==> flow/design.v <==
module sync_mux_blk #(
  parameter DWIDTH = 6
) (
  input  wire clk,
  input  wire rst_i,
  input  wire clk_en,
  input  wire [DWIDTH-1:0] bus0,
  input  wire [DWIDTH-1:0] bus1,
  input  wire [DWIDTH-1:0] bus2,
  input  wire [DWIDTH-1:0] bus3,
  input  wire [DWIDTH-1:0] bus4,
  input  wire [DWIDTH-1:0] bus5,
  input  wire [DWIDTH-1:0] bus6,
  input  wire [DWIDTH-1:0] bus7,
  input  wire [DWIDTH-1:0] bus8,
  input  wire [DWIDTH-1:0] bus9,
  input  wire [DWIDTH-1:0] bus10,
  input  wire [DWIDTH-1:0] bus11,
  input  wire [DWIDTH-1:0] bus12,
  input  wire [DWIDTH-1:0] bus13,
  input  wire [DWIDTH-1:0] bus14,
  input  wire [DWIDTH-1:0] bus15,
  input  wire [3:0] sel,
  output reg [DWIDTH-1:0] out
);
  reg [DWIDTH-1:0] r_bus0;
  reg [DWIDTH-1:0] r_bus1;
  reg [DWIDTH-1:0] r_bus2;
  reg [DWIDTH-1:0] r_bus3;
  reg [DWIDTH-1:0] r_bus4;
  reg [DWIDTH-1:0] r_bus5;
  reg [DWIDTH-1:0] r_bus6;
  reg [DWIDTH-1:0] r_bus7;
  reg [DWIDTH-1:0] r_bus8;
  reg [DWIDTH-1:0] r_bus9;
  reg [DWIDTH-1:0] r_bus10;
  reg [DWIDTH-1:0] r_bus11;
  reg [DWIDTH-1:0] r_bus12;
  reg [DWIDTH-1:0] r_bus13;
  reg [DWIDTH-1:0] r_bus14;
  reg [DWIDTH-1:0] r_bus15;
  reg [3:0] r_sel;
  always @(posedge clk) begin
    if (rst_i) begin
      r_bus0 <= 0;
      r_bus1 <= 0;
      r_bus2 <= 0;
      r_bus3 <= 0;
      r_bus4 <= 0;
      r_bus5 <= 0;
      r_bus6 <= 0;
      r_bus7 <= 0;
      r_bus8 <= 0;
      r_bus9 <= 0;
      r_bus10 <= 0;
      r_bus11 <= 0;
      r_bus12 <= 0;
      r_bus13 <= 0;
      r_bus14 <= 0;
      r_bus15 <= 0;
      r_sel <= 0;
    end else if (clk_en) begin
      r_bus0 <= bus0;
      r_bus1 <= bus1;
      r_bus2 <= bus2;
      r_bus3 <= bus3;
      r_bus4 <= bus4;
      r_bus5 <= bus5;
      r_bus6 <= bus6;
      r_bus7 <= bus7;
      r_bus8 <= bus8;
      r_bus9 <= bus9;
      r_bus10 <= bus10;
      r_bus11 <= bus11;
      r_bus12 <= bus12;
      r_bus13 <= bus13;
      r_bus14 <= bus14;
      r_bus15 <= bus15;
      r_sel <= sel;
    end
  end
  reg [DWIDTH-1:0] r;
  always @* begin
    case (r_sel)
      4'b0000: r = r_bus0;
      4'b0001: r = r_bus1;
      4'b0010: r = r_bus2;
      4'b0011: r = r_bus3;
      4'b0100: r = r_bus4;
      4'b0101: r = r_bus5;
      4'b0110: r = r_bus6;
      4'b0111: r = r_bus7;
      4'b1000: r = r_bus8;
      4'b1001: r = r_bus9;
      4'b1010: r = r_bus10;
      4'b1011: r = r_bus11;
      4'b1100: r = r_bus12;
      4'b1101: r = r_bus13;
      4'b1110: r = r_bus14;
      default: r = r_bus15;
    endcase
  end
  always @(posedge clk) begin
    if (rst_i) begin
      out <= 0;
    end else if (clk_en) begin
      out <= r;
    end
  end
endmodule
==> Tool chain data of sync_mux_blk <==
Tool output for the design above, in the order of the flow.
Line numbers count from 1 in the design file above.
Operators: Yosys type, input widths -> output width; for muxes data width and select width s.
Library cell names are shortened.
{ "design": {"design": "sync_mux_blk", "clk_port": "clk", "library": "sky130hd", "corner": "tt_025C_1v80"} }

==> After elaboration <==
Yosys after proc, flatten, opt, wreduce and memory -nomap, before mapping. Enables and synchronous resets that opt folds into registers are not counted as muxes. Memory bits, and registers merged into a memory's read port (data or address), are not among the register bits. Print and check cells are not counted. Equal cells are merged and count once.
{ "op_classes": {"muxes": 1, "reduce_and_logical": 1, "equal": 14} }
{ "op_table": {"columns": ["op", "count"], "rows": [
  ["$pmux 6 s15", 1],
  ["$eq 4x4->1 const B", 7],
  ["$eq 4x3->1 const B", 4],
  ["$eq 4x2->1 const B", 2],
  ["$eq 4x1->1 const B", 1],
  ["$logic_not 4->1", 1]
]} }
{ "word_totals": {"input_bits": 103, "regBits": 106, "out_inout_bits": 6, "word_cells": 34} }

==> Depth <==
Depth = most cells in a row (Yosys ltp): at word level without a register or memory, in the mapped netlist without a sequential cell, where the memories' decode and read muxes count.
{ "depth": {"word_depth": 2, "abc_area": 0, "ltp_mapped": 7} }

==> After synthesis <==
The flow's flattened synthesis, as Yosys stat reports it; memories are mapped. The netlist is that of the ABC_AREA named above (0 if unset); the other value can give another one.
Totals and module areas in this step are rounded.
{ "synth_totals": {"stdcells": 480, "mapped_area_um2": 4600, "seqArea_um2": 2100, "n_buf": 37, "ffs": 106} }
{ "by_type": {"columns": ["cell_type", "count", "area_total_um2"], "rows": [
  ["dfxtp_1", 106, 2.12E+03],
  ["mux2i_1", 114, 1.14E+03],
  ["nor2_1", 125, 469.2],
  ["a22oi_1", 14, 105.101],
  ["buf_2", 15, 75.072],
  ["clkbuf_1", 14, 52.55],
  ["o22ai_1", 7, 43.792],
  ["o2bb2ai_1", 5, 43.792],
  ["o21ai_0", 8, 40.038],
  ["a21oi_1", 7, 35.034],
  ["and3_1", 5, 31.28],
  ["a2111oi_1", 3, 30.029],
  ["a32o_1", 3, 30.029],
  ["a31oi_1", 4, 25.024],
  ["nor2b_1", 4, 25.024],
  ["buf_4", 3, 22.522],
  ["buf_6", 2, 22.522],
  ["nand2_1", 5, 18.768]
]} }
Not listed: further types 25, cells in them 36.

==> Path before layout <==
Source: OpenSTA report_checks on the synthesized netlist (no wires, ideal clock, input and output delay 20% of the period each), path of least setup slack; recovery checks are left aside. Register names are those of the netlist, which keeps one name where synthesis merged equal registers.
{ "synth_path": {"path_type": "reg2reg", "start": "register r_sel[0]", "end": "register out[1]", "path_delay_ns": 1.443, "path_slack_ns": 0.357, "launch_ns": 0.000, "tclk_ns": 1.8, "path_stages": 7, "t_arrival_ns": 1.309, "period_less_setup_slack_ns": 1.443} }
"path_delay_ns" is the arrival time less input delay plus setup time.
"path_stages": output pins that drive a net of the path, with the launching flip-flop's if there is one; two outputs of one cell count as two.
"period_less_setup_slack_ns" is the clock period less the worst setup slack; recovery checks do not enter. This is arithmetic on one report: input and output delays are still those of the set period (20% each).
Between the ends stands the longest chain of elaborated cells between them, by number of cells; it is not shown to be the way that was timed. Of several equally long chains one is given.
A line is the first line of the expression or statement that the cell stems from. Yosys adds cells for indexed reads and writes and turns some case tables into memories.
{ "synth_between": {"cell_sequence": "dfxtp_1 > buf_4 > buf_4 > mux2i_1 > nor2_1 > a2111oi_1 > a31oi_1", "elab_chain_len": 2} }
{ "synth_rtl": {"columns": ["element", "line_no", "text"], "rows": [
  ["start, declared", 42, "reg [3:0] r_sel;"],
  ["start, assigned", 61, "r_sel <= 0;"],
  ["start, assigned", 79, "r_sel <= sel;"],
  ["$eq 4x4->1", 84, "case (r_sel)"],
  ["$pmux 6 s15", 84, null],
  ["end, assigned", 105, "out <= 0;"],
  ["end, assigned", 107, "out <= r;"],
  ["end, declared", 24, "output reg [DWIDTH-1:0] out"]
]} }

==> Timing after layout <==
Path of least setup slack in the final report of job 1 (OpenROAD, finished layout, wires in). Where an end is a register, its clock arrival counts in the times.
{ "layout_path": {"path_type": "reg2reg", "start": "register r_sel[1]", "end": "register out[5]", "path_slack_ns": 0.11, "t_arrival_ns": 1.98, "launch_ns": 0.34, "tclk_ns": 1.8, "path_stages": 7} }
Between the ends stands the longest chain of elaborated cells between them, by number of cells; it is not shown to be the way that was timed. Of several equally long chains one is given.
{ "layout_between": {"cell_sequence": "dfxtp_1 > buf_4 > or2_0 > o211ai_1 > a21oi_1 > nor3_1 > o221a_2", "elab_chain_len": 2} }
{ "layout_rtl": {"columns": ["element", "line_no", "text"], "rows": [
  ["start, declared", 42, "reg [3:0] r_sel;"],
  ["start, assigned", 61, "r_sel <= 0;"],
  ["start, assigned", 79, "r_sel <= sel;"],
  ["$eq 4x4->1", 84, "case (r_sel)"],
  ["$pmux 6 s15", 84, null],
  ["end, assigned", 105, "out <= 0;"],
  ["end, assigned", 107, "out <= r;"],
  ["end, declared", 24, "output reg [DWIDTH-1:0] out"]
]} }

# Flow runs of sync_mux_blk

Measured results for sync_mux_blk: 3 stored runs of the Yosys and OpenROAD flow on sky130hd. The settings differ; the order carries no meaning. The constraints put input and output delay at 20% of the set period each and load the outputs with 0.01 pF.
By "period_reached_ns" is meant the clock period of the run minus its worst setup slack. This is arithmetic on one report: input and output delays are still those of the set period (20% each).
"worstPathTime_ns" = time allowed to the worst setup path (clock period - input delay - output delay, where it has them) - its slack; a late launch clock adds to it, a late capture clock takes from it.
The measured numbers are rounded.

Job 1
==> flow/run.sh <==
#!/bin/bash
# the make line also repeats the synthesis and layout settings of config.mk as NAME=value (left out here)
make -C /OpenROAD-flow-scripts/flow DESIGN_CONFIG=/design/flow/config.mk WORK_HOME=/design/flow/orfs CLKGATE_MAP_FILE= finish
==> flow/config.mk <==
export PLATFORM = sky130hd
export DESIGN_NAME = sync_mux_blk
export DESIGN_NICKNAME = sync_mux_blk
export VERILOG_FILES = /design/flow/design.v
export SDC_FILE = /design/flow/constraint.sdc
export NUM_CORES = 4
export LEC_CHECK = 0
export CAP_MARGIN = 20
export CORE_MARGIN = 2
export CORE_UTILIZATION = 40
export SLEW_MARGIN = 20
==> flow/constraint.sdc <==
create_clock -name core_clock -period 1.8 [get_ports {clk}]
set_input_delay 0.3600 -clock core_clock [delete_from_list [all_inputs] [get_ports {clk}]]
set_output_delay 0.3600 -clock core_clock [all_outputs]
set_load 0.01 [all_outputs]

==> results of job 1, as JSON <==
{
  "holdWs_ns": 0.30,
  "stdcell_area_um2": 6200,
  "design_die_area_um2": 12000,
  "fin_ws_ns": 0.11,
  "period_reached_ns": 1.692,
  "yosys_chip_area_um2": 4600,
  "worstPathTime_ns": 1.69,
  "timing.worst_path_kind": "reg2reg"
}

Job 2
==> flow/run.sh <==
#!/bin/bash
# the make line also repeats the synthesis and layout settings of config.mk as NAME=value (left out here)
make -C /OpenROAD-flow-scripts/flow DESIGN_CONFIG=/design/flow/config.mk WORK_HOME=/design/flow/orfs CLKGATE_MAP_FILE= finish
==> flow/config.mk <==
export PLATFORM = sky130hd
export DESIGN_NAME = sync_mux_blk
export DESIGN_NICKNAME = sync_mux_blk
export VERILOG_FILES = /design/flow/design.v
export SDC_FILE = /design/flow/constraint.sdc
export NUM_CORES = 4
export LEC_CHECK = 0
export ABC_AREA = 0
export CAP_MARGIN = 25
export CELL_PAD_IN_SITES_DETAIL_PLACEMENT = 0
export CORE_ASPECT_RATIO = 1.96
export CORE_MARGIN = 2
export CORE_UTILIZATION = 69
export PLACE_DENSITY = 0.71
export SLEW_MARGIN = 25
==> flow/constraint.sdc <==
create_clock -name core_clock -period 2.19 [get_ports {clk}]
set_input_delay 0.4380 -clock core_clock [delete_from_list [all_inputs] [get_ports {clk}]]
set_output_delay 0.4380 -clock core_clock [all_outputs]
set_load 0.01 [all_outputs]

==> results of job 2, as JSON <==
{
  "holdWs_ns": 0.48,
  "stdcell_area_um2": 6000,
  "design_die_area_um2": 7400,
  "fin_ws_ns": 0.11,
  "period_reached_ns": 2.076,
  "yosys_chip_area_um2": 4600,
  "worstPathTime_ns": 2.08,
  "timing.worst_path_kind": "reg2reg"
}

Job 3
==> flow/run.sh <==
#!/bin/bash
# the make line also repeats the synthesis and layout settings of config.mk as NAME=value (left out here)
make -C /OpenROAD-flow-scripts/flow DESIGN_CONFIG=/design/flow/config.mk WORK_HOME=/design/flow/orfs CLKGATE_MAP_FILE= finish
==> flow/config.mk <==
export PLATFORM = sky130hd
export DESIGN_NAME = sync_mux_blk
export DESIGN_NICKNAME = sync_mux_blk
export VERILOG_FILES = /design/flow/design.v
export SDC_FILE = /design/flow/constraint.sdc
export NUM_CORES = 4
export LEC_CHECK = 0
export CAP_MARGIN = 15
export CELL_PAD_IN_SITES_DETAIL_PLACEMENT = 1
export CELL_PAD_IN_SITES_GLOBAL_PLACEMENT = 3
export CORE_MARGIN = 6
export CORE_UTILIZATION = 40
export CTS_CLUSTER_DIAMETER = 363
export GPL_TIMING_DRIVEN = 0
export MAX_ROUTING_LAYER = met5
export MIN_ROUTING_LAYER = met1
export PLACE_DENSITY_LB_ADDON = 0.13
export SLEW_MARGIN = 0
==> flow/constraint.sdc <==
create_clock -name core_clock -period 1.69 [get_ports {clk}]
set_input_delay 0.3380 -clock core_clock [delete_from_list [all_inputs] [get_ports {clk}]]
set_output_delay 0.3380 -clock core_clock [all_outputs]
set_load 0.01 [all_outputs]

==> results of job 3, as JSON <==
{
  "outcome": "no final report: placement broke off with FLW-0024"
}
